==> flow/design.v <==
module sync_plus_n #(
    parameter int WD = 20,
    parameter int NIN = 24,
    parameter int SUM_W = WD + $clog2(NIN)
) (
    input  logic CLK,
    input  logic [NIN*WD-1:0] bus,
    output logic [SUM_W-1:0] q
);
    wire [SUM_W-1:0] lvl [1:2*NIN-1];
    generate
        for (genvar i = 0; i < NIN; i++) begin : u_g
            assign lvl[NIN+i] = bus[i*WD +: WD];
        end
        for (genvar i = 1; i < NIN; i++) begin : blk
            assign lvl[i] = lvl[2*i] + lvl[2*i+1];
        end
    endgenerate
    always_ff @(posedge CLK)
        q <= lvl[1];
endmodule
==> From RTL to reports: sync_plus_n <==
What the tools print for sync_plus_n, step after step.
Lines are those of the file above, counted from 1.
Library cell names are shortened.
{ "setup": {"top_module": "sync_plus_n", "clock_port": "CLK", "cell_library": "sky130hd", "pvt_corner": "tt_025C_1v80"} }

==> After elaboration <==
Yosys after proc, flatten, opt, wreduce and memory -nomap, before mapping. Enables and synchronous resets that opt folds into registers are not counted as muxes. Memory bits, and registers merged into a memory's read port (data or address), are not among the register bits. Print and check cells are not counted. Equal cells are merged and count once.
{ "word_totals": {"ff_bits": 25, "input_bits": 481, "output_inout_bits": 25, "elab_cells": 24} }
{ "classes": {"addsub": 23} }
{ "op_table": {"columns": ["op", "n"], "rows": [
  ["adder 25 bit", 11],
  ["adder 20 x 20 -> 21 bit", 12]
]} }

==> Logic depth <==
Yosys ltp: most cells in a row. Word level: on the elaborated netlist, between registers, memories and ports. Mapped: between sequential cells and ports; inverters and the memories' decode and read muxes count.
{ "depth": {"ltp_word": 5, "abc_area": 0, "ltp_mapped": 30, "mapped_depth_nobuf": 29} }

==> Mapped cells and area <==
Source: synth_stat.txt of the flow (Yosys; design flattened, memories mapped). It holds for the ABC_AREA given above (unset counts as 0); a run with the other value may have another netlist.
Totals and module areas in this step are rounded.
{ "synth_totals": {"synth_area_um2": 17200, "sequential_area_um2": 500.5, "ff_cells": 25, "n_buf": 21, "stdcells": 2033} }
{ "types": {"columns": ["type", "n", "type_area_um2"], "rows": [
  ["fa_1", 219, 4.38E+03],
  ["ha_1", 270, 3378.24],
  ["xnor2_1", 146, 1.28E+03],
  ["inv_1", 282, 1.06E+03],
  ["a21o_1", 128, 960.922],
  ["a21oi_1", 188, 940.902],
  ["xor2_1", 66, 578.054],
  ["dfxtp_1", 25, 500.48],
  ["nor2_1", 127, 476.707],
  ["o21ai_0", 75, 375.36],
  ["nand2_1", 71, 266.506],
  ["o21bai_1", 34, 255.245],
  ["o21ai_1", 46, 230.221],
  ["o21a_1", 30, 225.216],
  ["a211oi_1", 25, 187.68],
  ["nor2b_1", 28, 175.168],
  ["nand2b_1", 27, 168.912],
  ["nand3_1", 31, 155.149]
]} }
Other cell types: 57; their cells: 215.

==> Path before layout <==
OpenSTA on the mapped netlist: ideal clock, no wires. The path of least setup slack (recovery checks aside). Input and output delay are each 20% of the period. Register names are those of the netlist, which keeps one name where synthesis merged equal registers.
{ "synth_path": {"path_kind": "input port to flip-flop", "start": "input port bus[200]", "end": "register q[23]", "path_buffers": 0, "delay_ns": 6.048, "period_ns": 9.45, "in_delay_ns": 1.890, "setup_slack_ns": 1.512, "launch_ns": 1.890, "t_arrival_ns": 7.817, "required_ns": 9.329, "setup_time_ns": 0.121, "driving_pins": 25, "period_less_setup_slack_ns": 7.938} }
"delay_ns" is the arrival time less input delay plus setup time.
"driving_pins" counts driving pins, that of a launching flip-flop among them; a cell with two outputs on the path counts twice.
"period_less_setup_slack_ns" is the clock period less the worst setup slack; recovery checks do not enter. This is arithmetic on one report: input and output delays are still those of the set period (20% each).
The rows between start and end are the longest chain of elaborated cells between them; the timing report does not say that the signal goes this way. Where chains are equally long, one stands for them.
A line is the first line of the expression or statement that the cell stems from. Yosys adds cells for indexed reads and writes and turns some case tables into memories.
{ "synth_between": {"path_cell_list": "ha_1 fa_1 a21o_1 a21boi_1 o21ai_1 a2111oi_1 nor2_1 a21o_1 a21oi_1 xnor2_1 fa_1 fa_1 fa_1 fa_1 inv_1 fa_1 inv_1 ha_1 a21o_1 a211oi_1 nand2_1 o21ai_1 o31a_1 mux2i_1 nand2_1", "elab_chain_cells": 5, "cone_cells": 5, "cone_lines": 1, "cone_classes": "add/sub: 5"} }
{ "synth_lines": {"columns": ["element", "line_no", "rtl"], "rows": [
  ["start: declaration", 7, "input  logic [NIN*WD-1:0] bus,"],
  ["adder 20 x 20 -> 21 bit", 16, "assign lvl[i] = lvl[2*i] + lvl[2*i+1];"],
  ["adder 25 bit x4", 16, null],
  ["end: assignment", 20, "q <= lvl[1];"],
  ["end: declaration", 8, "output logic [SUM_W-1:0] q"]
]} }

==> Timing after layout <==
Path of least setup slack in the final report of flow run 1 (OpenROAD, finished layout, wires in). Where an end is a register, its clock arrival counts in the times.
{ "layout_path": {"path_kind": "input port to flip-flop", "start": "input port bus[200]", "end": "register q[18]", "t_arrival_ns": 9.02, "in_delay_ns": 1.89, "driving_pins": 25, "period_ns": 9.45, "setup_time_ns": 0.07, "launch_ns": 1.89, "setup_slack_ns": 0.63, "path_buffers": 1, "required_ns": 9.65} }
The rows between start and end are the longest chain of elaborated cells between them; the timing report does not say that the signal goes this way. Where chains are equally long, one stands for them.
{ "layout_between": {"path_cell_list": "clkdlybuf4s50_1 ha_1 fa_1 a21o_1 a21boi_1 o21ai_1 a2111oi_1 nor2_1 a21o_1 a21oi_1 xnor2_1 fa_1 fa_1 fa_1 fa_1 inv_1 fa_1 inv_1 ha_1 nor2b_1 or3_1 a21oi_1 nor2_1 a41oi_1 xnor2_1", "elab_chain_cells": 5, "cone_cells": 5, "cone_lines": 1, "cone_classes": "add/sub: 5"} }
{ "layout_lines": {"columns": ["element", "line_no", "rtl"], "rows": [
  ["start: declaration", 7, "input  logic [NIN*WD-1:0] bus,"],
  ["adder 20 x 20 -> 21 bit", 16, "assign lvl[i] = lvl[2*i] + lvl[2*i+1];"],
  ["adder 25 bit x4", 16, null],
  ["end: assignment", 20, "q <= lvl[1];"],
  ["end: declaration", 8, "output logic [SUM_W-1:0] q"]
]} }

Subject: sync_plus_n on sky130hd, stored results

Hello all,

Top module sync_plus_n; platform sky130hd; tools Yosys and OpenROAD; 3 stored runs in no particular order. Input and output delays are each 20% of the period that was set; the output load is 0.01 pF.
"period_reached_ns" = clock period - worst setup slack. The figure is calculated, with input and output delays left at 20% of the set period.
"worst_path_time_ns": the worst setup path's part of the clock period (all of it between registers, 20% less for each end at a port) less its slack. A launch clock that arrives late makes it longer, a capture clock that arrives late makes it shorter.
Measured values are rounded.
[
  {
    "run": "flow run 1",
    "settings": { "period_ns": 9.45, "CAP_MARGIN": 20, "CORE_MARGIN": 2, "CORE_UTILIZATION": 40, "SLEW_MARGIN": 20 },
    "results": { "fin_ws_ns": 0.635, "design_die_area_um2": 44660, "post_synth_area_um2": 17200, "setup_tns_ns": 0.000, "finish.stdcell_area_um2": 22970, "period_reached_ns": 8.815, "utilization_pct": 54.4, "worst_path_time_ns": 6.93, "path_kind": "input port to flip-flop", "hold_ws_ns": 2.822 }
  },
  {
    "run": "flow run 2",
    "settings": { "period_ns": 5.75, "CORE_UTILIZATION": 24, "SETUP_SLACK_MARGIN": 1.04, "PLACE_DENSITY_LB_ADDON": 0.29, "CORE_ASPECT_RATIO": 0.59, "CORE_MARGIN": 7, "CELL_PAD_IN_SITES_GLOBAL_PLACEMENT": 1, "TNS_END_PERCENT": 95, "GPL_ROUTABILITY_DRIVEN": 1, "CTS_CLUSTER_SIZE": 87, "CAP_MARGIN": 30, "SLEW_MARGIN": 0 },
    "results": { "fin_ws_ns": -1.434, "design_die_area_um2": 79600, "post_synth_area_um2": 17200, "setup_tns_ns": -21.21, "finish.stdcell_area_um2": 31450, "period_reached_ns": 7.184, "utilization_pct": 44.3, "worst_path_time_ns": 6.03, "path_kind": "input port to flip-flop", "hold_ws_ns": 1.846 }
  },
  {
    "run": "flow run 3",
    "settings": { "period_ns": 9.69, "CORE_UTILIZATION": 54, "SETUP_SLACK_MARGIN": 0.25, "PLACE_DENSITY_LB_ADDON": 0.05, "HOLD_SLACK_MARGIN": 0.09, "CELL_PAD_IN_SITES_DETAIL_PLACEMENT": 1, "TNS_END_PERCENT": 15, "GPL_ROUTABILITY_DRIVEN": 0, "CAP_MARGIN": 20, "CORE_MARGIN": 2, "SLEW_MARGIN": 20 },
    "outcome": "not finished: placement ended with error DPL-0033"
  }
]

Thanks
